==> flow/design.v <==
module gen_data_mux_v2 #(
   parameter WIDTH = 1,
   parameter N_IN = 12,
   parameter SBITS = $clog2(N_IN)
) (
   input  i_clk,
   input  resetn,
   input  [N_IN*WIDTH-1:0] ch,
   input  [SBITS-1:0] sel,
   output [WIDTH-1:0] y
);
   reg [N_IN*WIDTH-1:0] ch_q;
   reg [SBITS-1:0] sel_q;
   always @(posedge i_clk or negedge resetn) begin
      if (~resetn) begin
         ch_q <= 0;
         sel_q <= 0;
      end else begin
         ch_q <= ch;
         sel_q <= sel;
      end
   end
   reg [WIDTH-1:0] nxt;
   integer i;
   always @* begin
      nxt = 0;
      for (i = 0; i < N_IN; i = i + 1)
         if (sel_q == i) nxt = ch_q[i*WIDTH +: WIDTH];
   end
   assign y = nxt;
endmodule
==> reports on gen_data_mux_v2 <==
* Reports on gen_data_mux_v2
Module gen_data_mux_v2 in several versions that differ in "N_IN"; each step lists the members.
The RTL above is that of N_IN=12; lines are counted from 1 in the file of the member named.
Not given: n/a
- Design top :: gen_data_mux_v2
- Clock :: i_clk
- Standard-cell library :: sky130hd
- Corner :: tt_025C_1v80

* Source of the members
Lines of each other member's file that are new or changed against the file above; lines that a member lacks are not shown.
** New or changed lines
- N_IN 24 :: RTL line 3 : parameter N_IN = 24,
- N_IN 32 :: RTL line 3 : parameter N_IN = 32,

* Word-level counts
Counts by Yosys on the flattened word-level netlist (proc, flatten, opt, wreduce; memories kept). Register bits leave out memories and registers merged into their read ports (data or address); mux counts leave out enables and synchronous resets folded into registers. Print and check cells are left out. Cells with the same type and inputs are merged into one.
** Word-level totals
- N_IN 12 :: bits in registers 16, input bits 18, output and inout port bits 1, word-level cells 26
- N_IN 24 :: bits in registers 29, input bits 31, output and inout port bits 1, word-level cells 50
- N_IN 32 :: bits in registers 37, input bits 39, output and inout port bits 1, word-level cells 66
** Cells by class
- N_IN 12 :: eq/ne operators 11, multiplexer cells 12, reduce/logical cells 1
- N_IN 24 :: eq/ne operators 23, multiplexer cells 24, reduce/logical cells 1
- N_IN 32 :: eq/ne operators 31, multiplexer cells 32, reduce/logical cells 1
** Operators with widths (kind and count)
- N_IN 12 :: == test 4 x 3 -> 1 bit (second input constant) (4); == test 4 bit (second input constant) (4); 2-to-1 mux 1 bit (12); == test 4 x 2 -> 1 bit (second input constant) (2); == test 4 x 1 -> 1 bit (second input constant) (1); zero test 4 bit (1)
- N_IN 24 :: == test 5 x 4 -> 1 bit (second input constant) (8); == test 5 bit (second input constant) (8); 2-to-1 mux 1 bit (24); == test 5 x 3 -> 1 bit (second input constant) (4); == test 5 x 2 -> 1 bit (second input constant) (2); == test 5 x 1 -> 1 bit (second input constant) (1); zero test 5 bit (1)
- N_IN 32 :: == test 5 bit (second input constant) (16); == test 5 x 4 -> 1 bit (second input constant) (8); 2-to-1 mux 1 bit (32); == test 5 x 3 -> 1 bit (second input constant) (4); == test 5 x 2 -> 1 bit (second input constant) (2); == test 5 x 1 -> 1 bit (second input constant) (1); zero test 5 bit (1)

* Logic depth
Yosys ltp: most cells in a row. Word level: on the elaborated netlist, between registers, memories and ports. Mapped: between sequential cells and ports; inverters and the memories' decode and read muxes count.
** Logic depth
- N_IN 12 :: depth in word-level cells 13, ABC_AREA 0, depth in mapped cells 4, gate-level depth less buffers 3
- N_IN 24 :: depth in word-level cells 25, ABC_AREA 0, depth in mapped cells 7, gate-level depth less buffers 5
- N_IN 32 :: depth in word-level cells 33, ABC_AREA 0, depth in mapped cells 7, gate-level depth less buffers 5

* After synthesis
Source: synth_stat.txt of the flow (Yosys; design flattened, memories mapped). It holds for the ABC_AREA given above (unset counts as 0); a run with the other value may have another netlist.
** Synthesis totals
- N_IN 12 :: cell count 31, chip area (Yosys) 535.5 um2, area of sequential cells 400.4 um2, flip-flop cells 16, buffers 1
- N_IN 24 :: cell count 81, chip area (Yosys) 1074.8 um2, area of sequential cells 725.7 um2, flip-flop cells 29, buffers 4
- N_IN 32 :: cell count 113, chip area (Yosys) 1478.9 um2, area of sequential cells 925.9 um2, flip-flop cells 37, buffers 6
** Cells by type (types with counts)
- N_IN 12 :: sky130_fd_sc_hd__dfrtp_1 (16); sky130_fd_sc_hd__mux2i_1 (6); sky130_fd_sc_hd__a32o_1 (2); sky130_fd_sc_hd__a311oi_2 (1); sky130_fd_sc_hd__or3_1 (2); sky130_fd_sc_hd__buf_6 (1); sky130_fd_sc_hd__nor3b_1 (1); sky130_fd_sc_hd__nor3_1 (1); sky130_fd_sc_hd__inv_1 (1)
- N_IN 24 :: sky130_fd_sc_hd__dfrtp_1 (29); sky130_fd_sc_hd__mux2i_1 (6); sky130_fd_sc_hd__a21oi_1 (5); sky130_fd_sc_hd__a31oi_1 (4); sky130_fd_sc_hd__mux4_2 (1); sky130_fd_sc_hd__o21ai_0 (4); sky130_fd_sc_hd__nor2_1 (5); sky130_fd_sc_hd__nor2b_1 (3); sky130_fd_sc_hd__buf_2 (3); sky130_fd_sc_hd__nand2_1 (4); sky130_fd_sc_hd__and4bb_2 (1); sky130_fd_sc_hd__buf_6 (1); sky130_fd_sc_hd__nand3_1 (2); sky130_fd_sc_hd__nor3_1 (2); sky130_fd_sc_hd__o311a_1 (1); sky130_fd_sc_hd__a31o_2 (1); sky130_fd_sc_hd__nand4b_1 (1); sky130_fd_sc_hd__o2111ai_1 (1); (+7)
- N_IN 32 :: sky130_fd_sc_hd__dfrtp_1 (37); sky130_fd_sc_hd__mux2i_1 (3); sky130_fd_sc_hd__nor3b_1 (4); sky130_fd_sc_hd__nand2_1 (7); sky130_fd_sc_hd__nor2_1 (7); sky130_fd_sc_hd__a211oi_1 (3); sky130_fd_sc_hd__buf_6 (2); sky130_fd_sc_hd__mux4_2 (1); sky130_fd_sc_hd__nand3b_1 (3); sky130_fd_sc_hd__nand3b_4 (1); sky130_fd_sc_hd__o21ai_0 (4); sky130_fd_sc_hd__o32ai_2 (1); sky130_fd_sc_hd__a21o_1 (2); sky130_fd_sc_hd__a21oi_1 (3); sky130_fd_sc_hd__a2bb2oi_2 (1); sky130_fd_sc_hd__buf_4 (2); sky130_fd_sc_hd__o211ai_1 (2); sky130_fd_sc_hd__a211oi_2 (1); (+29)
A list marked (+n) leaves out that many cells.

* Path before layout
Source: OpenSTA report_checks on the synthesized netlist (no wires, ideal clock, input and output delay 20% of the period each), path of least setup slack; recovery checks are left aside. Register names are those of the netlist, which keeps one name where synthesis merged equal registers.
** Timing after synthesis
- N_IN 12 :: kind register -> output, start register sel_q[0], end output y[0], period 1930 ps, path slack 307 ps, stages on the path 5, delay of the path 1237 ps, synthesis period reached 1623 ps
- N_IN 24 :: kind register -> output, start register sel_q[1], end output y[0], period 2100 ps, path slack 339 ps, stages on the path 7, delay of the path 1341 ps, synthesis period reached 1761 ps
- N_IN 32 :: kind register -> output, start register sel_q[1], end output y[0], period 2220 ps, path slack 356 ps, stages on the path 7, delay of the path 1420 ps, synthesis period reached 1864 ps
"delay of the path" = arrival - input delay + setup time.
At an output port there is no setup time.
"stages on the path" counts driving pins, that of a launching flip-flop among them; a cell with two outputs on the path counts twice.
"synthesis period reached" is the clock period less the worst setup slack; recovery checks do not enter. This is arithmetic on one report: input and output delays are still those of the set period (20% each).
Between the ends stands the longest chain of elaborated cells between them, by number of cells; it is not shown to be the way that was timed. Of several equally long chains one is given.
A line is the first line of the expression or statement that the cell stems from. Yosys adds cells for indexed reads and writes and turns some case tables into memories.
Between the ends, after synthesis, N_IN=12:
- Length of the longest elaborated chain :: 13
** Ends and longest elaborated chain, after synthesis, N_IN=12
- start, declared :: RTL line 13 : reg [SBITS-1:0] sel_q;
- start, assigned :: RTL line 17 : sel_q <= 0;
- start, assigned :: RTL line 20 : sel_q <= sel;
- zero test 4 bit :: RTL line 28 : if (sel_q == i) nxt = ch_q[i*WIDTH +: WIDTH];
- 2-to-1 mux 1 bit x12 :: RTL line 28
- end, declared :: RTL line 10 : output [WIDTH-1:0] y
Between the ends, after synthesis, N_IN=32:
- Length of the longest elaborated chain :: 33
** Ends and longest elaborated chain, after synthesis, N_IN=32
- start, declared :: RTL line 13 : reg [SBITS-1:0] sel_q;
- start, assigned :: RTL line 17 : sel_q <= 0;
- start, assigned :: RTL line 20 : sel_q <= sel;
- zero test 5 bit :: RTL line 28 : if (sel_q == i) nxt = ch_q[i*WIDTH +: WIDTH];
- 2-to-1 mux 1 bit x32 :: RTL line 28
- end, declared :: RTL line 10 : output [WIDTH-1:0] y

* Timing after layout
Path of least setup slack in the final report of each member's run (OpenROAD, finished layout, wires in). Where an end is a register, its clock arrival counts in the times.
The report prints the path's times to 10 ps; the period is as set.
** Timing after layout
- N_IN 12 :: kind register -> output, start register sel_q[0], end output y[0], period 1930 ps, path slack -70 ps, stages on the path 5, arrival time 1620 ps, path buffers 1
- N_IN 24 :: kind register -> output, start register sel_q[1], end output y[0], period 2100 ps, path slack -100 ps, stages on the path 7, arrival time 1780 ps, path buffers 1
- N_IN 32 :: kind register -> output, start register sel_q[0], end output y[0], period 2220 ps, path slack -100 ps, stages on the path 7, arrival time 1880 ps, path buffers 2

* Flow runs
Settings and results of one run of the flow (Yosys, OpenROAD) for each member follow. The constraints put input and output delay at 20% of the set period each and load the outputs with 0.01 pF.
- CAP_MARGIN :: 20
- CORE_MARGIN :: 2
- CORE_UTILIZATION :: 40
- SLEW_MARGIN :: 20
** Settings by member (period_ns)
- N_IN 12 :: 1.93
- N_IN 24 :: 2.1
- N_IN 32 :: 2.22
** Results
- N_IN 12 :: mapped cell area after synthesis 535.5 um2, full die area 1647.5 um2, standard-cell area after layout 772.0 um2, setup slack of the critical path -73 ps, post-route setup TNS -73 ps, power 0.5876 mW, achieved period 2003 ps
- N_IN 24 :: mapped cell area after synthesis 1074.8 um2, full die area 3117.6 um2, standard-cell area after layout 1527.7 um2, setup slack of the critical path -105 ps, post-route setup TNS -105 ps, power 1.037 mW, achieved period 2205 ps
- N_IN 32 :: mapped cell area after synthesis 1478.9 um2, full die area 4199.7 um2, standard-cell area after layout 2273.4 um2, setup slack of the critical path -100 ps, post-route setup TNS -100 ps, power 1.422 mW, achieved period 2320 ps
"achieved period" is the run's clock period less its worst setup slack. It is reckoned from that one timing run; input and output delays stay at 20% of the period that was set.
"power" rests on the timing tool's default activity at the inputs, not on a simulated workload.
